==> flow/design.v <==
module reg_bank_p #(
  parameter integer NUM_REGS = 10,
  parameter integer DW = 48,
  parameter integer IDX_W = $clog2(NUM_REGS)
) (
  input  logic core_clk,
  input  logic RST,
  input  logic wr,
  input  logic [IDX_W-1:0] wr_addr,
  input  logic [DW-1:0] din,
  input  logic [IDX_W-1:0] read_addr,
  output logic [DW-1:0] rd_data
);
  logic wr_reg;
  logic [IDX_W-1:0] wr_addr_reg;
  logic [DW-1:0] din_reg;
  logic [DW-1:0] bank [0:NUM_REGS-1];
  always_ff @(posedge core_clk) begin
    if (wr_reg)
      bank[wr_addr_reg] <= din_reg;
  end
  logic [IDX_W-1:0] read_addr_reg;
  always_ff @(posedge core_clk) begin
    if (RST) begin
      wr_reg <= 1'b0;
      wr_addr_reg <= 0;
      din_reg <= 0;
      read_addr_reg <= 0;
      rd_data <= 0;
    end else begin
      wr_reg <= wr;
      wr_addr_reg <= wr_addr;
      din_reg <= din;
      read_addr_reg <= read_addr;
      rd_data <= bank[read_addr_reg];
    end
  end
endmodule
## Tool chain data of reg_bank_p

The steps from the RTL of reg_bank_p to its reports follow in flow order.
Line numbers count from 1 in the design file above.
Not given: n/a

| inputs | value |
|---|---|
| top module | reg_bank_p |
| clock | core_clk |
| standard-cell library | sky130hd |
| timing corner | tt_025C_1v80 |

## Word-level counts

Yosys after proc, flatten, opt, wreduce and memory -nomap, before mapping. Enables and synchronous resets that opt folds into registers are not counted as muxes. Memory bits, and registers merged into a memory's read port (data or address), are not among the register bits. Print and check cells are not counted. Equal cells are merged and count once.
Yosys's memory passes give these memory sizes; they may raise the number of words (mostly to a power of two), join words into wider ones and drop unused or constant bits.

| operators by class | value |
|---|---|
| mux-type cells | 3 |

Operators with widths:

| operator | number |
|---|---|
| two-way mux 48 bit | 1 |
| two-way mux 4 bit | 1 |
| two-way mux 1 bit | 1 |

| word-level totals | value |
|---|---|
| output and inout bits | 48 |
| cells after elaboration | 8 |
| memories kept | 1 |
| input port bits | 59 |
| word width x clocked read ports | 48 |
| bits in registers | 57 |
| RAM bits | 480 |

Memory list:

| name | words | bits a word | rd ports | wr ports | RTL line | text |
|---|---|---|---|---|---|---|
| bank | 10 | 48 | 1 | 1 | 17 | `logic [DW-1:0] bank [0:NUM_REGS-1];` |

## Logic depth

Longest topological path by Yosys (ltp), each cell counted once; first at word level (registers and memories cut), then after technology mapping (sequential cells cut; the memories' decode and read muxes count).

| logic depth | value |
|---|---|
| word-level depth | 1 |
| ABC_AREA | 0 |
| gate-level depth with buffers | 7 |
| depth with buffers taken out | 4 |

## Netlist

Source: synth_stat.txt of the flow (Yosys; design flattened, memories mapped). It holds for the ABC_AREA given above (unset counts as 0); a run with the other value may have another netlist.
Totals and module areas in this step are rounded.

Cell types:

| cell type | number | total area (µm²) |
|---|---|---|
| sky130_fd_sc_hd__edfxtp_1 | 480 | 1.44E+04 |
| sky130_fd_sc_hd__mux2i_1 | 240 | 2.4E+03 |
| sky130_fd_sc_hd__dfxtp_1 | 105 | 2.1E+03 |
| sky130_fd_sc_hd__a22oi_1 | 96 | 720.691 |
| sky130_fd_sc_hd__nor2b_1 | 59 | 369.104 |
| sky130_fd_sc_hd__a211oi_1 | 48 | 360.346 |
| sky130_fd_sc_hd__a21oi_1 | 48 | 240.23 |
| sky130_fd_sc_hd__buf_12 | 8 | 160.154 |
| sky130_fd_sc_hd__clkbuf_1 | 26 | 97.594 |
| sky130_fd_sc_hd__buf_8 | 6 | 90.086 |
| sky130_fd_sc_hd__buf_2 | 16 | 80.077 |
| sky130_fd_sc_hd__clkbuf_4 | 8 | 60.058 |
| sky130_fd_sc_hd__buf_6 | 5 | 56.304 |
| sky130_fd_sc_hd__nor2_1 | 8 | 30.029 |
| sky130_fd_sc_hd__nand3b_1 | 2 | 15.014 |
| sky130_fd_sc_hd__nor3_1 | 3 | 15.014 |
| sky130_fd_sc_hd__nand2b_1 | 2 | 12.512 |
| sky130_fd_sc_hd__or3b_2 | 1 | 8.758 |

Other cell types: 2; their cells: 2.

| mapped netlist | value |
|---|---|
| flip-flops | 585 |
| sequential area | 16500 µm² |
| buffers | 69 |
| cell count | 1163 |
| cell area after synthesis | 21200 µm² |

## Path before layout

Source: OpenSTA report_checks on the synthesized netlist (no wires, ideal clock, input and output delay 20% of the period each), path of least setup slack; recovery checks are left aside. Register names are those of the netlist, which keeps one name where synthesis merged equal registers.

| path after synthesis | value |
|---|---|
| kind | register -> register |
| from | register wr_reg |
| to | memory bank[0][0] |
| stages | 3 |
| required time | 5.247 ns |
| arrival time | 4.095 ns |
| delay of the path | 4.608 ns |
| slack | 1.152 ns |
| buffers on the path | 0 |
| library setup time | 0.513 ns |
| launch time at the first pin | 0.000 ns |
| clock period | 5.76 ns |
| synthesis period reached | 4.608 ns |

"delay of the path" = arrival - input delay + setup time.
"stages" counts driving pins, that of a launching flip-flop among them; a cell with two outputs on the path counts twice.
"synthesis period reached" = period - worst setup slack (recovery checks aside). The figure is calculated, with input and output delays left at 20% of the set period.
The rows between start and end are the longest chain of elaborated cells between them; the timing report does not say that the signal goes this way. Where chains are equally long, one stands for them.
A line is the first line of the expression or statement that the cell stems from. Yosys adds cells for indexed reads and writes and turns some case tables into memories.
The path ends at the enable pin of a flip-flop; only ways to that pin are counted.

| on the way, after synthesis | value |
|---|---|
| cell sequence | sky130_fd_sc_hd__dfxtp_1 sky130_fd_sc_hd__or3b_2 sky130_fd_sc_hd__nor3_1 |
| cells in the longest elaborated chain | 1 |
| elaborated cells on any way between the ends | 2 |
| RTL lines with such cells | 1 |
| those cells by class | mux (2) |

RTL lines, path after synthesis:

| element | RTL line | text |
|---|---|---|
| start: declaration | 14 | `logic wr_reg;` |
| start: assignment | 25 | `wr_reg <= 1'b0;` |
| start: assignment | 31 | `wr_reg <= wr;` |
| two-way mux 4 bit | 19 | `if (wr_reg)` |
| end: declaration | 17 | `logic [DW-1:0] bank [0:NUM_REGS-1];` |

## Worst path after layout

From the final timing report of run 1: the path of least setup slack in the routed layout; clock arrival at registers is part of the times.

| path after layout | value |
|---|---|
| kind | register -> output |
| from | register rd_data[26] |
| to | output rd_data[26] |
| required time | 3.84 ns |
| slack | 2.21 ns |
| output delay | 0.96 ns |
| buffers on the path | 1 |
| arrival time | 1.63 ns |
| launch time at the first pin | 0.59 ns |
| stages | 2 |
| clock period | 4.8 ns |

| on the way, after layout | value |
|---|---|
| cell sequence | sky130_fd_sc_hd__dfxtp_1 sky130_fd_sc_hd__clkdlybuf4s50_1 |
| cells in the longest elaborated chain | 0 |
| elaborated cells on any way between the ends | 0 |
| RTL lines with such cells | 0 |

RTL lines, path after layout:

| element | RTL line | text |
|---|---|---|
| start: declaration | 12 | `output logic [DW-1:0] rd_data` |
| end: declaration | 12 |  |

Lab notebook: reg_bank_p

3 stored runs of reg_bank_p in the flow (synthesis by Yosys, layout by OpenROAD, sky130hd cells), in arbitrary order. Constraints: input delay and output delay 20% of the set period each, output load 0.01 pF.
"clock period achieved" = clock period - worst setup slack. The figure is calculated, with input and output delays left at 20% of the set period.
"time used up by the worst setup path" = time allowed to the worst setup path (clock period - input delay - output delay, where it has them) - its slack; a late launch clock adds to it, a late capture clock takes from it.
"total power of the final layout" rests on the timing tool's default activity at the inputs, not on a simulated workload.
Results are given in rounded form.
A setting shown as - is not set for that run.

| stored run | period_ns | CORE_UTILIZATION | CELL_PAD_IN_SITES_DETAIL_PLACEMENT | CTS_CLUSTER_DIAMETER | CAP_MARGIN | CORE_MARGIN | SLEW_MARGIN | PLACE_DENSITY | CORE_ASPECT_RATIO | CTS_CLUSTER_SIZE | synthesized cell area (µm²) | overall die area (µm²) | standard-cell area after layout (µm²) | utilization in the final report (%) | lowest setup slack (ns) | setup total negative slack (ns) | worst hold slack (ns) | total power of the final layout (mW) | clock period achieved (ns) | time used up by the worst setup path (ns) | critical path kind |
|---|---|---|---|---|---|---|---|---|---|---|---|---|---|---|---|---|---|---|---|---|---|
| run 1 | 4.8 | 41 | 0 | 198 | 20 | 2 | 20 | - | - | - | 21200 | 53700 | 24800 | 48.3 | 2.21 | 0.000 | 0.568 | 10.4 | 2.586 | 1.63 | register -> output |
| run 2 | 5.76 | 40 | - | - | 20 | 2 | 20 | - | - | - | 21200 | 55000 | 24700 | 47.1 | 3.06 | 0.000 | 0.563 | 8.72 | 2.699 | 2.70 | register -> register |
| run 3 | 7.52 | 15 | - | - | 20 | 2 | 40 | 0.72 | 0.69 | 61 | 21200 | 145000 | 26500 | 18.9 | 4.34 | 0.000 | 0.571 | 6.98 | 3.180 | 1.68 | register -> output |
